==> flow/design.v <==
module my_data_mux_n #(
    parameter integer DATA_W = 10
) (
    input  wire clock,
    input  wire aresetn,
    input  wire [DATA_W-1:0] bus0_i,
    input  wire [DATA_W-1:0] bus1_i,
    input  wire [DATA_W-1:0] bus2_i,
    input  wire [DATA_W-1:0] bus3_i,
    input  wire [DATA_W-1:0] bus4_i,
    input  wire [DATA_W-1:0] bus5_i,
    input  wire [DATA_W-1:0] bus6_i,
    input  wire [DATA_W-1:0] bus7_i,
    input  wire [DATA_W-1:0] bus8_i,
    input  wire [DATA_W-1:0] bus9_i,
    input  wire [3:0] pick_i,
    output reg [DATA_W-1:0] data_out_o
);
    reg [DATA_W-1:0] val;
    always @* begin
        case (pick_i)
            4'd0: val = bus0_i;
            4'd1: val = bus1_i;
            4'd2: val = bus2_i;
            4'd3: val = bus3_i;
            4'd4: val = bus4_i;
            4'd5: val = bus5_i;
            4'd6: val = bus6_i;
            4'd7: val = bus7_i;
            4'd8: val = bus8_i;
            default: val = bus9_i;
        endcase
    end
    always @(posedge clock) begin
        if (~aresetn) begin
            data_out_o <= 0;
        end else begin
            data_out_o <= val;
        end
    end
endmodule
Reports on my_data_mux_n
Tool output for the design above, in the order of the flow.
Lines are those of the file above, counted from 1.
Operators: Yosys type, input widths -> output width; for muxes data width and select width s.
Library cell names are shortened.
The mark n/a stands for no value.
- design top: my_data_mux_n
- clock input: clock
- standard-cell library: sky130hd
- timing corner: tt_025C_1v80

After elaboration
Source: Yosys, flattened and elaborated, memories not mapped. Widths are those after wreduce; folded enables and synchronous resets count as part of the registers. Registers that Yosys merges into a memory's read port (data or address) are not register bits. Print and check cells do not count. Equal cells are merged and count once.
- input port bits at 106
- word-level cells at 11
- output and inout bits: 10
- bits in registers at 10
- mux-type cells at 1
- equal/unequal tests: 8
- reduce/logical cells at 1
- operators with widths (operator ; count):
    $pmux 10 s9 ; 1
    $eq 4x3->1 const B ; 4
    $eq 4x2->1 const B ; 2
    $eq 4x1->1 const B ; 1
    $eq 4x4->1 const B ; 1
    $logic_not 4->1 ; 1

Longest topological paths
Longest topological path by Yosys (ltp), each cell counted once; first at word level (registers and memories cut), then after technology mapping (sequential cells cut; the memories' decode and read muxes count).
- word-level depth: 2
- ABC_AREA at 0
- noted gate-level depth with buffers: 7
- noted mapped depth without buffers: 4

Synthesis result
The flow's flattened synthesis, as Yosys stat reports it; memories are mapped. The netlist is that of the ABC_AREA named above (0 if unset); the other value can give another one.
Totals and module areas in this step are rounded.
- cell types (type ; count ; total area (um^2)):
    dfxtp_1 ; 10 ; 200.192
    a21oi_1 ; 18 ; 90.086
    mux2_2 ; 8 ; 90.086
    mux4_2 ; 3 ; 67.565
    mux2i_1 ; 6 ; 60.058
    a21o_1 ; 6 ; 45.043
    buf_6 ; 4 ; 45.043
    nor2_1 ; 12 ; 45.043
    a31oi_1 ; 7 ; 43.792
    buf_2 ; 8 ; 40.038
    nor3_1 ; 8 ; 40.038
    o21ai_0 ; 8 ; 40.038
    o22ai_1 ; 6 ; 37.536
    nand2b_1 ; 5 ; 31.28
    buf_4 ; 4 ; 30.029
    nand3_1 ; 6 ; 30.029
    o221ai_1 ; 3 ; 26.275
    a221o_1 ; 2 ; 20.019
Other cell types: 25; their cells: 47.
- noted area of sequential cells: 200 um^2
- buffer cells: 19
- cells in the netlist at 171
- noted cell area after synthesis: 1310 um^2
- flip-flops at 10

Timing after synthesis
Source: OpenSTA report_checks on the synthesized netlist (no wires, ideal clock, input and output delay 20% of the period each), path of least setup slack; recovery checks are left aside. Register names are those of the netlist, which keeps one name where synthesis merged equal registers.
- path type: input-to-reg
- start: in pick_i[0]
- end: reg data_out_o[3]
- delay of the path: 1015 ps
- data required time at 1471 ps
- setup time: 119 ps
- setup slack at 256 ps
- path buffers: 1
- arrival time at 1214 ps
- external input delay: 318 ps
- launch time at the first pin at 318 ps
- stages on the path at 5
- clock period at 1590 ps
- noted period reached after synthesis: 1334 ps
"delay of the path" is the arrival time less input delay plus setup time.
"stages on the path": output pins that drive a net of the path, with the launching flip-flop's if there is one; two outputs of one cell count as two.
"period reached after synthesis" = period - worst setup slack (recovery checks aside). The figure is calculated, with input and output delays left at 20% of the set period.
The rows between start and end are the longest chain of elaborated cells between them; the timing report does not say that the signal goes this way. Where chains are equally long, one stands for them.
Each line given opens the expression or statement behind the cell; cells for indexed reads and writes are added by Yosys, which also makes memories of some case tables.
- cells stage by stage: buf_6 > mux4_2 > a22o_1 > nand2_1 > a21oi_1
- length of the longest elaborated chain: 2
- noted elaborated cells between the ends (all ways): 10
- RTL lines with such cells at 1
- those cells by class: eq/ne (8); mux (1); reduce/logical (1)
- RTL lines, path post-synthesis (what ; line ; RTL):
    start, declared ; 16 ; input  wire [3:0] pick_i,
    $eq 4x4->1 ; 21 ; case (pick_i)
    $pmux 10 s9 ; 21 ;
    end, assigned ; 36 ; data_out_o <= 0;
    end, assigned ; 38 ; data_out_o <= val;
    end, declared ; 17 ; output reg [DATA_W-1:0] data_out_o

Path in the finished layout
From the final timing report of stored run 1: the path of least setup slack in the routed layout; clock arrival at registers is part of the times.
The report prints the path's times to 10 ps; the period is as set.
- path type: input-to-reg
- start: in pick_i[1]
- end: reg data_out_o[4]
- stages on the path at 7
- arrival time at 1650 ps
- clock period at 1590 ps
- setup slack at 80 ps
- path buffers: 3
- setup time: 110 ps
- external input delay: 320 ps
- launch time at the first pin at 320 ps
- data required time at 1730 ps
The rows between start and end are the longest chain of elaborated cells between them; the timing report does not say that the signal goes this way. Where chains are equally long, one stands for them.
- cells stage by stage: clkdlybuf4s50_1 > buf_4 > buf_4 > and4_1 > a31oi_1 > a21o_1 > a31oi_1
- length of the longest elaborated chain: 2
- noted elaborated cells between the ends (all ways): 10
- RTL lines with such cells at 1
- those cells by class: eq/ne (8); mux (1); reduce/logical (1)
- RTL lines, path post-layout (what ; line ; RTL):
    start, declared ; 16 ; input  wire [3:0] pick_i,
    $eq 4x4->1 ; 21 ; case (pick_i)
    $pmux 10 s9 ; 21 ;
    end, assigned ; 36 ; data_out_o <= 0;
    end, assigned ; 38 ; data_out_o <= val;
    end, declared ; 17 ; output reg [DATA_W-1:0] data_out_o

## Implementation results

3 stored runs of my_data_mux_n in the flow (synthesis by Yosys, layout by OpenROAD, sky130hd cells), in arbitrary order. Constraints: input delay and output delay 20% of the set period each, output load 0.01 pF.
"clock period reached": clock period set for the run, less the worst setup slack. It is reckoned from that one timing run; input and output delays stay at 20% of the period that was set.
"total design power": no workload was simulated; the value follows from the tool's default switching activity.
The results are shown rounded.

Stored run 1
Settings were period_ns = 1.59; CAP_MARGIN = 20; CORE_MARGIN = 2; CORE_UTILIZATION = 40; SLEW_MARGIN = 20
- clock period reached: 1511 ps
- noted the standard-cell area after layout: 2610 um^2
- overall die area: 3760 um^2
- noted the worst slack on setup checks: 79 ps
- synthesized cell area at 1310 um^2
- noted the worst hold slack in the final report: 637 ps
- noted the total design power: 1.12 mW

Stored run 2
Settings were period_ns = 2.02; CORE_UTILIZATION = 49; PLACE_DENSITY_LB_ADDON = 0.14; CORE_ASPECT_RATIO = 1.46; CELL_PAD_IN_SITES_DETAIL_PLACEMENT = 0; GPL_TIMING_DRIVEN = 0; CTS_CLUSTER_DIAMETER = 293; CAP_MARGIN = 20; CORE_MARGIN = 2; SLEW_MARGIN = 20
- incomplete, placement halted on FLW-0024

Stored run 3
Settings were period_ns = 2.31; CORE_UTILIZATION = 67; PLACE_DENSITY = 0.78; CORE_MARGIN = 4; CELL_PAD_IN_SITES_GLOBAL_PLACEMENT = 0; ABC_AREA = 1; GPL_TIMING_DRIVEN = 1; GPL_ROUTABILITY_DRIVEN = 0; CTS_CLUSTER_DIAMETER = 303; SLEW_MARGIN = 40; MIN_ROUTING_LAYER = met1; CAP_MARGIN = 20
- incomplete, placement halted on GPL-0301
